==> flow/design.v <==
module sh_core_top (aclk, i_data, i_opb, i_sh, o_dout);
  parameter WIDTH = 8;
  localparam SEL_WIDTH = $clog2(WIDTH);
  input aclk;
  input [WIDTH-1:0] i_data;
  input [WIDTH-1:0] i_opb;
  input [SEL_WIDTH-1:0] i_sh;
  output reg [WIDTH-1:0] o_dout;
  wire [2*WIDTH-1:0] r;
  assign r = {i_opb, i_data} >> i_sh;
  always @(posedge aclk) begin
    o_dout <= r[WIDTH-1:0];
  end
endmodule
# From RTL to reports: sh_core_top
# The steps from the RTL of sh_core_top to its reports follow in flow order.
# Lines are those of the file above, counted from 1.
# Operators carry their Yosys type and port widths (W data, S select, Z words).
# Cell names lack the library's common part.
# A cell with - has no value.
# setup
top,sh_core_top
clock,aclk
library,sky130hd
lib_corner,tt_025C_1v80

# Word level
# Counts by Yosys on the flattened word-level netlist (proc, flatten, opt, wreduce; memories kept). Register bits leave out memories and registers merged into their read ports (data or address); mux counts leave out enables and synchronous resets folded into registers. Print and check cells are left out. Cells with the same type and inputs are merged into one.
# word_totals
register_bits,8
memories,0
latchBits,0
in_bits,20
out_inout_bits,8
ramBits,0
wordCells,2
mem_bits_ro,0
clocked_rd_ports_x_width,0
# op_classes
equal,0
n_reduce_logical,0
n_mux,0
div,0
multipliers,0
add_sub_neg,0
compare,0
n_shift,1
bitwise,0
# op_table
operator,count
$shr A16 B3 Y8,1

# Depth
# Yosys ltp: most cells in a row. Word level: on the elaborated netlist, between registers, memories and ports. Mapped: between sequential cells and ports; inverters and the memories' decode and read muxes count.
# logic_depth
word_depth,1
abc_area,0
mapped_depth,3
ltp_nobuf,2

# Mapped cells and area
# Yosys stat after the flow's synthesis: flattened, memories mapped to cells. It holds for the ABC_AREA given above (unset counts as 0); a run with the other value may have another netlist.
# The area totals of this step are shown rounded.
# mapped
buffers,3
synth_area_um2,500
cells,29
ffs,8
# types
type,count,area_total_um2
mux4_2,10,225.216
dfxtp_1,8,160.154
mux2_2,8,90.086
buf_6,2,22.522
buf_1,1,3.754

# Path before layout
# OpenSTA on the mapped netlist: ideal clock, no wires. The path of least setup slack (recovery checks aside). Input and output delay are each 20% of the period. Register names are those of the netlist, which keeps one name where synthesis merged equal registers.
# synth_path
kind,input -> register
from,input i_sh[0]
to,register o_dout[0]
n_path_buf,1
clock_period_ns,1.59
path_delay_ns,1.019
stages,3
arrival_time_ns,1.216
path_slack_ns,0.254
launch_ns,0.318
required_time_ns,1.469
synth_period_reached_ns,1.336
# "path_delay_ns" = arrival - input delay + setup time.
# "stages" counts driving pins, that of a launching flip-flop among them; a cell with two outputs on the path counts twice.
# "synth_period_reached_ns" = period - worst setup slack (recovery checks aside). The figure is calculated, with input and output delays left at 20% of the set period.
# The rows between start and end are the longest chain of elaborated cells between them; the timing report does not say that the signal goes this way. Where chains are equally long, one stands for them.
# A line is the first line of the expression or statement that the cell stems from. Yosys adds cells for indexed reads and writes and turns some case tables into memories.
# synth_via
cell_sequence,buf_6 -> mux4_2 -> mux2_2
elab_chain_len,1
cone_cells,1
classes_between,shift (1)
# synth_rtl
element,line,rtl
from (decl),7,input [SEL_WIDTH-1:0] i_sh;
$shr A16 B3 Y8,10,"assign r = {i_opb, i_data} >> i_sh;"
to (assign),12,o_dout <= r[WIDTH-1:0];
to (decl),8,output reg [WIDTH-1:0] o_dout;

# Worst path after layout
# Path of least setup slack in the final report of stored run 2 (OpenROAD, finished layout, wires in). Where an end is a register, its clock arrival counts in the times.
# layout_path
kind,input -> register
from,input i_sh[2]
to,register o_dout[0]
path_slack_ns,0.03
clock_period_ns,1.59
n_path_buf,2
stages,4
launch_ns,0.32
arrival_time_ns,1.69
required_time_ns,1.72
# The rows between start and end are the longest chain of elaborated cells between them; the timing report does not say that the signal goes this way. Where chains are equally long, one stands for them.
# layout_via
cell_sequence,clkdlybuf4s50_1 -> buf_4 -> mux4_2 -> mux2_2
elab_chain_len,1
cone_cells,1
classes_between,shift (1)
# layout_rtl
element,line,rtl
from (decl),7,input [SEL_WIDTH-1:0] i_sh;
$shr A16 B3 Y8,10,"assign r = {i_opb, i_data} >> i_sh;"
to (assign),12,o_dout <= r[WIDTH-1:0];
to (decl),8,output reg [WIDTH-1:0] o_dout;

Data sheet: physical implementation of sh_core_top

Flow measurements of sh_core_top on sky130hd: 3 stored runs with different settings, listed in no order. Input and output delays are each 20% of the period that was set; the output load is 0.01 pF.
"period_reached_ns" is the run's clock period less its worst setup slack. It is reckoned from that one timing run; input and output delays stay at 20% of the period that was set.
By "fin_power_uw" is meant OpenSTA's value without simulated activity: inputs other than the clock are taken to toggle once in ten clock periods, and the tool carries that through the logic.
Results are given in rounded form.

Stored run 1, flow files:
==> flow/run.sh <==
#!/bin/bash
# the make line also repeats the synthesis and layout settings of config.mk as NAME=value (left out here)
make -C /OpenROAD-flow-scripts/flow DESIGN_CONFIG=/design/flow/config.mk WORK_HOME=/design/flow/orfs CLKGATE_MAP_FILE= finish
==> flow/config.mk <==
export PLATFORM = sky130hd
export DESIGN_NAME = sh_core_top
export DESIGN_NICKNAME = sh_core_top
export VERILOG_FILES = /design/flow/design.v
export SDC_FILE = /design/flow/constraint.sdc
export NUM_CORES = 4
export LEC_CHECK = 0
export CAP_MARGIN = 35
export CORE_ASPECT_RATIO = 1.32
export CORE_MARGIN = 2
export CORE_UTILIZATION = 56
export CTS_CLUSTER_SIZE = 45
export GPL_TIMING_DRIVEN = 1
export MAX_ROUTING_LAYER = met4
export PLACE_DENSITY = 0.64
export SETUP_SLACK_MARGIN = 0.48
export SLEW_MARGIN = 0
==> flow/constraint.sdc <==
create_clock -name core_clock -period 2.18 [get_ports {aclk}]
set_input_delay 0.4360 -clock core_clock [delete_from_list [all_inputs] [get_ports {aclk}]]
set_output_delay 0.4360 -clock core_clock [all_outputs]
set_load 0.01 [all_outputs]

Stored run 1: incomplete, floorplanning halted on PDN-0185

Stored run 2, flow files:
==> flow/run.sh <==
#!/bin/bash
# the make line also repeats the synthesis and layout settings of config.mk as NAME=value (left out here)
make -C /OpenROAD-flow-scripts/flow DESIGN_CONFIG=/design/flow/config.mk WORK_HOME=/design/flow/orfs CLKGATE_MAP_FILE= finish
==> flow/config.mk <==
export PLATFORM = sky130hd
export DESIGN_NAME = sh_core_top
export DESIGN_NICKNAME = sh_core_top
export VERILOG_FILES = /design/flow/design.v
export SDC_FILE = /design/flow/constraint.sdc
export NUM_CORES = 4
export LEC_CHECK = 0
export CAP_MARGIN = 20
export CORE_MARGIN = 2
export CORE_UTILIZATION = 40
export SLEW_MARGIN = 20
==> flow/constraint.sdc <==
create_clock -name core_clock -period 1.59 [get_ports {aclk}]
set_input_delay 0.3180 -clock core_clock [delete_from_list [all_inputs] [get_ports {aclk}]]
set_output_delay 0.3180 -clock core_clock [all_outputs]
set_load 0.01 [all_outputs]

==> results of stored run 2, as CSV <==
result,value
yosys_chip_area_um2,500
final_die_area_um2,1600
cell_area_final_um2,860
worstSetupSlack_ns,0.035
tns_ns,0.000
fin_power_uw,620
period_reached_ns,1.555

Stored run 3, flow files:
==> flow/run.sh <==
#!/bin/bash
# the make line also repeats the synthesis and layout settings of config.mk as NAME=value (left out here)
make -C /OpenROAD-flow-scripts/flow DESIGN_CONFIG=/design/flow/config.mk WORK_HOME=/design/flow/orfs CLKGATE_MAP_FILE= finish
==> flow/config.mk <==
export PLATFORM = sky130hd
export DESIGN_NAME = sh_core_top
export DESIGN_NICKNAME = sh_core_top
export VERILOG_FILES = /design/flow/design.v
export SDC_FILE = /design/flow/constraint.sdc
export NUM_CORES = 4
export LEC_CHECK = 0
export CAP_MARGIN = 25
export CELL_PAD_IN_SITES_GLOBAL_PLACEMENT = 0
export CORE_ASPECT_RATIO = 0.72
export CORE_MARGIN = 2
export CORE_UTILIZATION = 30
export CTS_CLUSTER_DIAMETER = 341
export GPL_ROUTABILITY_DRIVEN = 1
export MAX_ROUTING_LAYER = met5
export PLACE_DENSITY_LB_ADDON = 0.05
export SLEW_MARGIN = 30
export TNS_END_PERCENT = 35
==> flow/constraint.sdc <==
create_clock -name core_clock -period 1.09 [get_ports {aclk}]
set_input_delay 0.2180 -clock core_clock [delete_from_list [all_inputs] [get_ports {aclk}]]
set_output_delay 0.2180 -clock core_clock [all_outputs]
set_load 0.01 [all_outputs]

==> results of stored run 3, as CSV <==
result,value
yosys_chip_area_um2,500
final_die_area_um2,2000
cell_area_final_um2,860
worstSetupSlack_ns,0.006
tns_ns,0.000
fin_power_uw,880
period_reached_ns,1.084
